==> flow/design.v <==
module sync_cmp_top #(
    parameter DATA_WIDTH = 18
) (
    input aclk,
    input [DATA_WIDTH-1:0] i_first,
    input [DATA_WIDTH-1:0] i_second,
    output reg o_equal
);
    reg [DATA_WIDTH-1:0] r_first;
    reg [DATA_WIDTH-1:0] r_second;
    reg [DATA_WIDTH-1:0] r_t;
    always @(posedge aclk) begin
        r_first <= i_first;
        r_second <= i_second;
        r_t <= r_first ^ r_second;
        o_equal <= (r_t == 0);
    end
endmodule
From RTL to reports: sync_cmp_top
The steps from the RTL of sync_cmp_top to its reports follow in flow order. Line numbers count from 1 in the design file above. Operators: Yosys type, input widths -> output width; for muxes data width and select width s. Library cell names are shortened. The mark -- stands for no value.

Design top: sync_cmp_top. Clock: aclk. Standard-cell library: sky130hd. Library corner: tt_025C_1v80.

Word-level counts
Counts by Yosys on the flattened word-level netlist (proc, flatten, opt, wreduce; memories kept). Register bits leave out memories and registers merged into their read ports (data or address); mux counts leave out enables and synchronous resets folded into registers. Print and check cells are left out. Cells with the same type and inputs are merged into one.

The figure for register bits after elaboration is 55. The figure for bits of input ports is 37. The entry for output and inout port bits reads 1. Under cells after elaboration stands 6.

The figure for bitwise logic cells is 1. The figure for reduce/logical cells is 1.

Operator list (count): $xor 18x18->18 (1); $logic_not 18->1 (1).

Depth
Longest topological path by Yosys (ltp), each cell counted once; first at word level (registers and memories cut), then after technology mapping (sequential cells cut; the memories' decode and read muxes count).

The entry for word-level depth reads 1. For ABC_AREA the number is 0. Under mapped depth stands 3. The figure for gate-level depth less buffers is 3.

After synthesis
Yosys stat after the flow's synthesis: flattened, memories mapped to cells. It holds for the ABC_AREA given above (unset counts as 0); a run with the other value may have another netlist.

Cells by type: dfxtp_1 (count 55, area in all 1.1E+03 um^2); xor2_1 (count 18, area in all 157.651 um^2); nor4_1 (count 3, area in all 18.768 um^2); nor4_2 (count 1, area in all 12.512 um^2); or4_1 (count 1, area in all 7.507 um^2); nand3_1 (count 1, area in all 5.005 um^2).

Under mapped cells stands 79. For mapped area the number is 1302.5 um^2. Under sequential area stands 1101.1 um^2. Under flip-flops stands 55. The figure for buffer cells is 0.

Worst setup path after synthesis
Path of least setup slack by OpenSTA after synthesis, without wires, with an ideal clock, recovery checks aside; 20% of the period is set as input and as output delay. Where synthesis merged equal registers, the netlist keeps one of their names.

Path kind: reg2reg. From: register r_t[3]. To: register o_equal. The figure for clock period is 1.34 ns. Library setup time: 0.088 ns. The entry for launch time at the first pin reads 0.000 ns. For arrival time the number is 0.982 ns. The entry for required time reads 1.252 ns. Under slack stands 0.270 ns. Delay of the path: 1.070 ns. The figure for stages is 3. Under buffers on the path stands 0. For synthesis period reached the number is 1.07 ns.

"delay of the path" is the arrival time less input delay plus setup time. "stages" counts driving pins, that of a launching flip-flop among them; a cell with two outputs on the path counts twice. "synthesis period reached" is the clock period less the worst setup slack; recovery checks do not enter. This is arithmetic on one report: input and output delays are still those of the set period (20% each). Between the ends stands the longest chain of elaborated cells between them, by number of cells; it is not shown to be the way that was timed. Of several equally long chains one is given. Each line given opens the expression or statement behind the cell; cells for indexed reads and writes are added by Yosys, which also makes memories of some case tables.

Cell sequence: dfxtp_1 -> or4_1 -> nor4_2. The figure for length of the longest elaborated chain is 1. For elaborated cells between the ends (all ways) the number is 1. Under source lines of those cells stands 1. Those cells by class: reduce/logical (1).

Ends and longest elaborated chain, after synthesis: from (decl) (RTL line 11) `reg [DATA_WIDTH-1:0] r_t;`; from (assign) (RTL line 15) `r_t <= r_first ^ r_second;`; $logic_not 18->1 (RTL line 16) `o_equal <= (r_t == 0);`; to (assign) (RTL line 16); to (decl) (RTL line 7) `output reg o_equal`.

Worst path after layout
From the final timing report of record 1: the path of least setup slack in the routed layout; clock arrival at registers is part of the times.

Path kind: reg2reg. From: register r_t[9]. To: register o_equal. The figure for clock period is 1.06 ns. Library setup time: 0.08 ns. The entry for launch time at the first pin reads 0.29 ns. For arrival time the number is 1.25 ns. The entry for required time reads 1.27 ns. Under slack stands 0.02 ns. The figure for stages is 3. Under buffers on the path stands 0.

Between the ends stands the longest chain of elaborated cells between them, by number of cells; it is not shown to be the way that was timed. Of several equally long chains one is given.

Cell sequence: dfxtp_1 -> or4_1 -> nor4_2. The figure for length of the longest elaborated chain is 1. For elaborated cells between the ends (all ways) the number is 1. Under source lines of those cells stands 1. Those cells by class: reduce/logical (1).

Ends and longest elaborated chain, after layout: from (decl) (RTL line 11) `reg [DATA_WIDTH-1:0] r_t;`; from (assign) (RTL line 15) `r_t <= r_first ^ r_second;`; $logic_not 18->1 (RTL line 16) `o_equal <= (r_t == 0);`; to (assign) (RTL line 16); to (decl) (RTL line 7) `output reg o_equal`.

==> results <==
Measured data: module sync_cmp_top, platform sky130hd, 3 stored runs of the flow under differing settings, order arbitrary. Input and output delays are each 20% of the period that was set; the output load is 0.01 pF. "clock period achieved" = clock period - worst setup slack. The figure is calculated, with input and output delays left at 20% of the set period. "time on the worst setup path" = time allowed to the worst setup path (clock period - input delay - output delay, where it has them) - its slack; a late launch clock adds to it, a late capture clock takes from it. "total power of the final layout" rests on the timing tool's default activity at the inputs, not on a simulated workload.

Record 1 has these settings: period_ns 1.06; CORE_UTILIZATION 16; PLACE_DENSITY 0.54; CORE_ASPECT_RATIO 0.94; CORE_MARGIN 2; CELL_PAD_IN_SITES_GLOBAL_PLACEMENT 0; TNS_END_PERCENT 70; GPL_ROUTABILITY_DRIVEN 1; CTS_CLUSTER_DIAMETER 72; CAP_MARGIN 20; SLEW_MARGIN 20. The die outline area is 8878.6 um^2. The measured cell area after synthesis is 1302.5 um^2. The clock period achieved comes to 1.039 ns. The measured total power of the final layout is 3.658 mW. For the time on the worst setup path the run shows 1.04 ns. Critical path kind: reg2reg. The smallest setup slack reads 0.021 ns. The standard-cell area after layout reads 1945.6 um^2. The summed negative setup slack reads 0.000 ns. The worst hold slack in the final report reads 0.352 ns. The post-route utilization is 25.0%.

Record 2 has these settings: period_ns 1.79; CORE_UTILIZATION 40; SETUP_SLACK_MARGIN -0.01; PLACE_DENSITY 0.49; TNS_END_PERCENT 70; CTS_CLUSTER_SIZE 78; CAP_MARGIN 40; MIN_ROUTING_LAYER met1; MAX_ROUTING_LAYER met4; CORE_MARGIN 2; SLEW_MARGIN 20. The die outline area is 3728.9 um^2. The measured cell area after synthesis is 1302.5 um^2. The clock period achieved comes to 1.564 ns. The measured total power of the final layout is 1.996 mW. For the time on the worst setup path the run shows 1.21 ns. Critical path kind: reg2out. The smallest setup slack reads 0.226 ns. The standard-cell area after layout reads 1795.5 um^2. The summed negative setup slack reads 0.000 ns. The worst hold slack in the final report reads 0.417 ns. The post-route utilization is 58.3%.

Record 3 has these settings: period_ns 1.34; CAP_MARGIN 20; CORE_MARGIN 2; CORE_UTILIZATION 40; SLEW_MARGIN 20. The die outline area is 3728.9 um^2. The measured cell area after synthesis is 1302.5 um^2. The clock period achieved comes to 1.229 ns. The measured total power of the final layout is 2.817 mW. For the time on the worst setup path the run shows 0.96 ns. Critical path kind: reg2out. The smallest setup slack reads 0.111 ns. The standard-cell area after layout reads 1813.0 um^2. The summed negative setup slack reads 0.000 ns. The worst hold slack in the final report reads 0.324 ns. The post-route utilization is 58.9%.
